==> flow/design.v <==
module cpu_mul_core_blk #(
    parameter integer DWIDTH = 36,
    parameter integer KVAL = 683,
    parameter integer RW = DWIDTH + $clog2(KVAL + 1)
) (
    input  core_clk,
    input  rst_n,
    input  [DWIDTH-1:0] in_A,
    output [RW-1:0] out_prod
);
    reg [DWIDTH-1:0] r_A;
    reg [RW-1:0] r_prod;
    always @(posedge core_clk or negedge rst_n) begin
        if (!rst_n) begin
            r_A <= 0;
            r_prod <= 0;
        end else begin
            r_A <= in_A;
            r_prod <= r_A * KVAL;
        end
    end
    assign out_prod = r_prod;
endmodule
Reports on cpu_mul_core_blk
Tool output for the design above, in the order of the flow.
Lines are those of the file above, counted from 1.
Operators: Yosys type, input widths -> output width; for muxes data width and select width s.
Cell names lack the library's common part.
{ "inputs": {"design": "cpu_mul_core_blk", "clk_port": "core_clk", "lib": "sky130hd", "corner": "tt_025C_1v80"} }

Word-level counts
Yosys after proc, flatten, opt, wreduce and memory -nomap, before mapping. Enables and synchronous resets that opt folds into registers are not counted as muxes. Memory bits, and registers merged into a memory's read port (data or address), are not among the register bits. Print and check cells are not counted. Equal cells are merged and count once.
{ "classes": {"n_mul": 1} }
{ "ops": {"columns": ["op", "count"], "rows": [
  ["$mul 36x10->46 const B", 1]
]} }
{ "bits": {"reg_bits": 82, "inputBits": 38, "out_inout_bits": 46, "wordCells": 3} }

Logic depth
Depth = most cells in a row (Yosys ltp): at word level without a register or memory, in the mapped netlist without a sequential cell, where the memories' decode and read muxes count.
{ "depth": {"depth_word": 1, "ABC_AREA": 0, "ltp_mapped": 19, "ltp_nobuf": 19} }

After synthesis
Source: synth_stat.txt of the flow (Yosys; design flattened, memories mapped). It holds for the ABC_AREA given above (unset counts as 0); a run with the other value may have another netlist.
The area totals of this step are shown rounded.
{ "synth_totals": {"cell_count": 883, "synth_area_um2": 9070, "ff_cells": 82} }
{ "types": {"columns": ["cell_type", "count"], "rows": [
  ["fa_1", 127],
  ["dfrtp_1", 82],
  ["ha_1", 140],
  ["inv_1", 252],
  ["xnor2_1", 27],
  ["a21o_1", 30],
  ["a21oi_1", 44],
  ["xor2_1", 14],
  ["nand2_1", 24],
  ["o21ai_0", 17],
  ["nand3_1", 14],
  ["nor2_1", 17],
  ["o21bai_1", 8],
  ["o21a_1", 7],
  ["nand4_1", 8],
  ["a31oi_1", 7],
  ["and3_1", 7],
  ["clkbuf_1", 10]
]} }
Not listed: further types 31, cells in them 48.

Worst setup path after synthesis
Source: OpenSTA report_checks on the synthesized netlist (no wires, ideal clock, input and output delay 20% of the period each), path of least setup slack; recovery checks are left aside. Register names are those of the netlist, which keeps one name where synthesis merged equal registers.
{ "synth_timing": {"path_kind": "register -> register", "start": "reg r_A[1]", "end": "reg r_prod[41]", "clock_period_ps": 6020, "setup_time_ps": 127, "launch_ps": 0, "t_arrival_ps": 4693, "required_time_ps": 5893, "path_slack_ps": 1200, "delay_ps": 4820, "driving_pins": 18, "n_path_buf": 0, "synth_period_reached_ps": 4820} }
"delay_ps" is the arrival time less input delay plus setup time.
"driving_pins": output pins that drive a net of the path, with the launching flip-flop's if there is one; two outputs of one cell count as two.
"synth_period_reached_ps" = period - worst setup slack (recovery checks aside). The figure is calculated, with input and output delays left at 20% of the set period.
Between the ends stands the longest chain of elaborated cells between them, by number of cells; it is not shown to be the way that was timed. Of several equally long chains one is given.
A line is the first line of the expression or statement that the cell stems from. Yosys adds cells for indexed reads and writes and turns some case tables into memories.
{ "synth_between": {"cell_sequence": "dfrtp_1 -> ha_1 -> fa_1 -> inv_1 -> fa_1 -> fa_1 -> fa_1 -> inv_1 -> ha_1 -> a21oi_1 -> o22ai_1 -> a221oi_1 -> o21ai_2 -> a21oi_1 -> o41ai_2 -> a31oi_1 -> o21ai_1 -> xor2_1", "elab_chain_len": 1, "cells_between": 1, "lines_between": 1} }
{ "synth_rtl": {"columns": ["element", "line", "text"], "rows": [
  ["from (decl)", 11, "reg [DWIDTH-1:0] r_A;"],
  ["from (assign)", 15, "r_A <= 0;"],
  ["from (assign)", 18, "r_A <= in_A;"],
  ["$mul 36x10->46", 19, "r_prod <= r_A * KVAL;"],
  ["to (assign)", 16, "r_prod <= 0;"],
  ["to (assign)", 19, null],
  ["to (decl)", 12, "reg [RW-1:0] r_prod;"]
]} }

Path in the finished layout
From the final timing report of job 1: the path of least setup slack in the routed layout; clock arrival at registers is part of the times.
The path's times are printed in steps of 10 ps; the period is the one set.
{ "layout_timing": {"path_kind": "register -> register", "start": "reg r_A[3]", "end": "reg r_prod[45]", "clock_period_ps": 3050, "setup_time_ps": 110, "launch_ps": 370, "t_arrival_ps": 5160, "required_time_ps": 3320, "path_slack_ps": -1840, "driving_pins": 19, "n_path_buf": 1} }
Between the ends stands the longest chain of elaborated cells between them, by number of cells; it is not shown to be the way that was timed. Of several equally long chains one is given.
{ "layout_between": {"cell_sequence": "dfrtp_2 -> ha_4 -> fa_1 -> inv_1 -> fa_1 -> fa_1 -> fa_1 -> inv_1 -> ha_4 -> nand3_4 -> nor4_4 -> a221oi_4 -> o21ai_4 -> a21oi_4 -> o41ai_4 -> buf_4 -> a21o_1 -> a21oi_2 -> xnor2_1", "elab_chain_len": 1, "cells_between": 1, "lines_between": 1} }
{ "layout_rtl": {"columns": ["element", "line", "text"], "rows": [
  ["from (decl)", 11, "reg [DWIDTH-1:0] r_A;"],
  ["from (assign)", 15, "r_A <= 0;"],
  ["from (assign)", 18, "r_A <= in_A;"],
  ["$mul 36x10->46", 19, "r_prod <= r_A * KVAL;"],
  ["to (assign)", 16, "r_prod <= 0;"],
  ["to (assign)", 19, null],
  ["to (decl)", 12, "reg [RW-1:0] r_prod;"]
]} }

# Flow runs of cpu_mul_core_blk

Measured data: module cpu_mul_core_blk, platform sky130hd, 3 stored runs of the flow under differing settings, order arbitrary. Input and output delays are each 20% of the period that was set; the output load is 0.01 pF.
"timing.achieved_period_ps" is the run's clock period less its worst setup slack. It is reckoned from that one timing run; input and output delays stay at 20% of the period that was set.
"worstPathTime_ps": the worst setup path's part of the clock period (all of it between registers, 20% less for each end at a port) less its slack. A launch clock that arrives late makes it longer, a capture clock that arrives late makes it shorter.
"worstPathTime_ps" is known to 10 ps.
Values from the reports are rounded here.
[
  {
    "run": "job 1",
    "settings": { "period_ns": 3.05, "CORE_UTILIZATION": 16, "SETUP_SLACK_MARGIN": -0.24, "PLACE_DENSITY_LB_ADDON": 0.25, "TNS_END_PERCENT": 45, "ABC_AREA": 0, "GPL_ROUTABILITY_DRIVEN": 0, "CTS_CLUSTER_DIAMETER": 127, "MIN_ROUTING_LAYER": "met2", "CAP_MARGIN": 20, "CORE_MARGIN": 2, "SLEW_MARGIN": 20 },
    "results": { "synthArea_um2": 9070, "layout_stdcell_area_um2": 14300, "finish.utilization_pct": 25.5, "timing.achieved_period_ps": 4885, "worstPathTime_ps": 4890, "worst_path_kind": "register -> register", "setup_ws_ps": -1840, "total_die_area_um2": 58600, "total_negative_slack_ps": -54900 }
  },
  {
    "run": "job 2",
    "settings": { "period_ns": 6.02, "CAP_MARGIN": 20, "CORE_MARGIN": 2, "CORE_UTILIZATION": 40, "SLEW_MARGIN": 20 },
    "results": { "synthArea_um2": 9070, "layout_stdcell_area_um2": 10600, "finish.utilization_pct": 47.0, "timing.achieved_period_ps": 5449, "worstPathTime_ps": 5450, "worst_path_kind": "register -> register", "setup_ws_ps": 571, "total_die_area_um2": 23900, "total_negative_slack_ps": 0 }
  },
  {
    "run": "job 3",
    "settings": { "period_ns": 7.84, "CORE_UTILIZATION": 71, "SETUP_SLACK_MARGIN": -0.26, "PLACE_DENSITY": 0.62, "CELL_PAD_IN_SITES_GLOBAL_PLACEMENT": 2, "TNS_END_PERCENT": 90, "GPL_TIMING_DRIVEN": 1, "GPL_ROUTABILITY_DRIVEN": 1, "CTS_CLUSTER_DIAMETER": 179, "CAP_MARGIN": 35, "MIN_ROUTING_LAYER": "met2", "CORE_MARGIN": 2, "SLEW_MARGIN": 20 },
    "outcome": "no final report: placement broke off with GPL-0301"
  }
]
